==> flow/design.v <==
module core_mag_cmp_top #(
    parameter XLEN = 10
) (
    input  wire clk,
    input  wire aresetn,
    input  wire [XLEN-1:0] src1,
    input  wire [XLEN-1:0] src2,
    output reg [XLEN-1:0] min_o,
    output reg [XLEN-1:0] mx
);
    wire val = src1 < src2;
    always @(posedge clk or negedge aresetn) begin
        if (!aresetn) begin
            min_o <= 0;
            mx <= 0;
        end else begin
            min_o <= val ? src1 : src2;
            mx <= val ? src2 : src1;
        end
    end
endmodule
* Tool chain data of core_mag_cmp_top
The steps from the RTL of core_mag_cmp_top to its reports follow in flow order.
Line numbers count from 1 in the design file above.
Cell names lack the library's common part.
The mark n/a stands for no value.
- Top module :: core_mag_cmp_top
- Clock port :: clk
- Cell library :: sky130hd
- Timing corner :: tt_025C_1v80

* Elaborated design
Source: Yosys, flattened and elaborated, memories not mapped. Widths are those after wreduce; folded enables and synchronous resets count as part of the registers. Registers that Yosys merges into a memory's read port (data or address) are not register bits. Print and check cells do not count. Equal cells are merged and count once.
- Flip-flop bits (word level) :: 20
- Bits of input ports :: 22
- $lt $le $gt $ge :: 1
- Multiplexer cells :: 2
** Operators by type and width (number)
- two-way mux 10 bit :: 2
- less-than comparator 10 bit :: 1

* Depth
Longest topological path by Yosys (ltp), each cell counted once; first at word level (registers and memories cut), then after technology mapping (sequential cells cut; the memories' decode and read muxes count).
- Depth after elaboration :: 2
- ABC_AREA :: 0
- Depth in mapped cells :: 8

* Synthesis result
The flow's flattened synthesis, as Yosys stat reports it; memories are mapped. The netlist is that of the ABC_AREA named above (0 if unset); the other value can give another one.
Totals and module areas in this step are rounded.
- Mapped cells :: 72
- Mapped area :: 982 sq um
- Flip-flop cells :: 20
- Buffers :: 2
** Cell types
- dfrtp_1 :: number 20, area in all 500.48 sq um
- mux2_2 :: number 19, area in all 213.955 sq um
- ha_1 :: number 9, area in all 112.608 sq um
- inv_1 :: number 9, area in all 33.782 sq um
- buf_6 :: number 2, area in all 22.522 sq um
- a211oi_2 :: number 1, area in all 12.512 sq um
- nor4_2 :: number 1, area in all 12.512 sq um
- mux2_1 :: number 1, area in all 11.261 sq um
- a41oi_1 :: number 1, area in all 8.758 sq um
- a211oi_1 :: number 1, area in all 7.507 sq um
- a21o_1 :: number 1, area in all 7.507 sq um
- nor3b_1 :: number 1, area in all 7.507 sq um
- nand2b_1 :: number 1, area in all 6.256 sq um
- nand4_1 :: number 1, area in all 6.256 sq um
- a21oi_1 :: number 1, area in all 5.005 sq um
- nor3_1 :: number 1, area in all 5.005 sq um
- o21ai_0 :: number 1, area in all 5.005 sq um
- nor2_1 :: number 1, area in all 3.754 sq um

* Worst setup path after synthesis
OpenSTA on the mapped netlist: ideal clock, no wires. The path of least setup slack (recovery checks aside). Input and output delay are each 20% of the period. Register names are those of the netlist, which keeps one name where synthesis merged equal registers.
- Kind :: input to register
- Start :: input src2[7]
- End :: register min_o[8]
- Period :: 2410 ps
- Setup time :: 125 ps
- Data arrival time :: 1900 ps
- Data required time :: 2285 ps
- Path slack :: 385 ps
- Path delay :: 1543 ps
- Stages on the path :: 7
- Buffers on the path :: 1
- Synthesis period reached :: 2025 ps
"path delay" = arrival - input delay + setup time.
"stages on the path": output pins that drive a net of the path, with the launching flip-flop's if there is one; two outputs of one cell count as two.
"synthesis period reached" is the clock period less the worst setup slack; recovery checks do not enter. This is arithmetic on one report: input and output delays are still those of the set period (20% each).
The rows between start and end are the longest chain of elaborated cells between them; the timing report does not say that the signal goes this way. Where chains are equally long, one stands for them.
A line is the first line of the expression or statement that the cell stems from. Yosys adds cells for indexed reads and writes and turns some case tables into memories.
- Cell sequence :: inv_1 ha_1 a211oi_1 nor2_1 nor4_2 buf_6 mux2_2
- Length of the longest elaborated chain :: 2
- Elaborated cells on any way between the ends :: 2
- Source lines of those cells :: 2
** Ends and longest elaborated chain, after synthesis
- start, declared :: RTL line 7 : input  wire [XLEN-1:0] src2,
- less-than comparator 10 bit :: RTL line 11 : wire val = src1 < src2;
- two-way mux 10 bit :: RTL line 17 : min_o <= val ? src1 : src2;
- end, assigned :: RTL line 14 : min_o <= 0;
- end, assigned :: RTL line 17
- end, declared :: RTL line 8 : output reg [XLEN-1:0] min_o,

* Path in the finished layout
From the final timing report of stored run 1: the path of least setup slack in the routed layout; clock arrival at registers is part of the times.
The report prints the path's times to 10 ps; the period is as set.
- Kind :: input to register
- Start :: input src2[7]
- End :: register min_o[4]
- Period :: 3650 ps
- Setup time :: 100 ps
- Data arrival time :: 2710 ps
- Data required time :: 3830 ps
- Path slack :: 1120 ps
- Stages on the path :: 8
- Buffers on the path :: 2
The rows between start and end are the longest chain of elaborated cells between them; the timing report does not say that the signal goes this way. Where chains are equally long, one stands for them.
- Cell sequence :: clkdlybuf4s50_1 inv_1 ha_1 a211oi_1 nor2_1 nor4_4 buf_4 mux2_2
- Length of the longest elaborated chain :: 2
- Elaborated cells on any way between the ends :: 2
- Source lines of those cells :: 2
** Ends and longest elaborated chain, post-layout
- start, declared :: RTL line 7 : input  wire [XLEN-1:0] src2,
- less-than comparator 10 bit :: RTL line 11 : wire val = src1 < src2;
- two-way mux 10 bit :: RTL line 17 : min_o <= val ? src1 : src2;
- end, assigned :: RTL line 14 : min_o <= 0;
- end, assigned :: RTL line 17
- end, declared :: RTL line 8 : output reg [XLEN-1:0] min_o,

3 stored runs of core_mag_cmp_top in the flow (synthesis by Yosys, layout by OpenROAD, sky130hd cells), in arbitrary order. Constraints: input delay and output delay 20% of the set period each, output load 0.01 pF.
"clock period achieved" is the run's clock period less its worst setup slack. It is reckoned from that one timing run; input and output delays stay at 20% of the period that was set.
"critical path time": the worst setup path's part of the clock period (all of it between registers, 20% less for each end at a port) less its slack. A launch clock that arrives late makes it longer, a capture clock that arrives late makes it shorter.
By "total power after layout" is meant OpenSTA's value without simulated activity: inputs other than the clock are taken to toggle once in ten clock periods, and the tool carries that through the logic.
"critical path time" is given in steps of 10 ps.
Results are given in rounded form.

* Stored run 1
** Files
==> flow/run.sh <==
#!/bin/bash
# the make line also repeats the synthesis and layout settings of config.mk as NAME=value (left out here)
make -C /OpenROAD-flow-scripts/flow DESIGN_CONFIG=/design/flow/config.mk WORK_HOME=/design/flow/orfs CLKGATE_MAP_FILE= finish
==> flow/config.mk <==
export PLATFORM = sky130hd
export DESIGN_NAME = core_mag_cmp_top
export DESIGN_NICKNAME = core_mag_cmp_top
export VERILOG_FILES = /design/flow/design.v
export SDC_FILE = /design/flow/constraint.sdc
export NUM_CORES = 4
export LEC_CHECK = 0
export CAP_MARGIN = 20
export CELL_PAD_IN_SITES_GLOBAL_PLACEMENT = 3
export CORE_MARGIN = 2
export CORE_UTILIZATION = 29
export MAX_ROUTING_LAYER = met4
export MIN_ROUTING_LAYER = met1
export PLACE_DENSITY_LB_ADDON = 0.24
export SLEW_MARGIN = 20
export TNS_END_PERCENT = 60
==> flow/constraint.sdc <==
create_clock -name core_clock -period 3.65 [get_ports {clk}]
set_input_delay 0.7300 -clock core_clock [delete_from_list [all_inputs] [get_ports {clk}]]
set_output_delay 0.7300 -clock core_clock [all_outputs]
set_load 0.01 [all_outputs]
** Results
- Clock period achieved :: 2526 ps
- Die size :: 3870 sq um
- Lowest setup slack :: 1120 ps
- Total power after layout :: 543 µW
- Post-route utilization :: 0.453
- Netlist area reported by Yosys :: 982 sq um
- Total negative slack on setup checks :: 0 ps
- Critical path time :: 1800 ps
- Critical path type :: input to register

* Stored run 2
** Files
==> flow/run.sh <==
#!/bin/bash
# the make line also repeats the synthesis and layout settings of config.mk as NAME=value (left out here)
make -C /OpenROAD-flow-scripts/flow DESIGN_CONFIG=/design/flow/config.mk WORK_HOME=/design/flow/orfs CLKGATE_MAP_FILE= finish
==> flow/config.mk <==
export PLATFORM = sky130hd
export DESIGN_NAME = core_mag_cmp_top
export DESIGN_NICKNAME = core_mag_cmp_top
export VERILOG_FILES = /design/flow/design.v
export SDC_FILE = /design/flow/constraint.sdc
export NUM_CORES = 4
export LEC_CHECK = 0
export CAP_MARGIN = 20
export CORE_MARGIN = 2
export CORE_UTILIZATION = 40
export SLEW_MARGIN = 20
==> flow/constraint.sdc <==
create_clock -name core_clock -period 2.41 [get_ports {clk}]
set_input_delay 0.4820 -clock core_clock [delete_from_list [all_inputs] [get_ports {clk}]]
set_output_delay 0.4820 -clock core_clock [all_outputs]
set_load 0.01 [all_outputs]
** Results
- Clock period achieved :: 2336 ps
- Die size :: 2870 sq um
- Lowest setup slack :: 74 ps
- Total power after layout :: 820 µW
- Post-route utilization :: 0.694
- Netlist area reported by Yosys :: 982 sq um
- Total negative slack on setup checks :: 0 ps
- Critical path time :: 1850 ps
- Critical path type :: input to register

* Stored run 3
** Files
==> flow/run.sh <==
#!/bin/bash
# the make line also repeats the synthesis and layout settings of config.mk as NAME=value (left out here)
make -C /OpenROAD-flow-scripts/flow DESIGN_CONFIG=/design/flow/config.mk WORK_HOME=/design/flow/orfs CLKGATE_MAP_FILE= finish
==> flow/config.mk <==
export PLATFORM = sky130hd
export DESIGN_NAME = core_mag_cmp_top
export DESIGN_NICKNAME = core_mag_cmp_top
export VERILOG_FILES = /design/flow/design.v
export SDC_FILE = /design/flow/constraint.sdc
export NUM_CORES = 4
export LEC_CHECK = 0
export CAP_MARGIN = 40
export CORE_ASPECT_RATIO = 0.93
export CORE_MARGIN = 2
export CORE_UTILIZATION = 23
export CTS_CLUSTER_DIAMETER = 122
export GPL_ROUTABILITY_DRIVEN = 1
export MAX_ROUTING_LAYER = met4
export MIN_ROUTING_LAYER = met1
export SLEW_MARGIN = 5
==> flow/constraint.sdc <==
create_clock -name core_clock -period 2.23 [get_ports {clk}]
set_input_delay 0.4460 -clock core_clock [delete_from_list [all_inputs] [get_ports {clk}]]
set_output_delay 0.4460 -clock core_clock [all_outputs]
set_load 0.01 [all_outputs]
** Results
- Clock period achieved :: 2065 ps
- Die size :: 4810 sq um
- Lowest setup slack :: 165 ps
- Total power after layout :: 994 µW
- Post-route utilization :: 0.422
- Netlist area reported by Yosys :: 982 sq um
- Total negative slack on setup checks :: 0 ps
- Critical path time :: 1620 ps
- Critical path type :: input to register
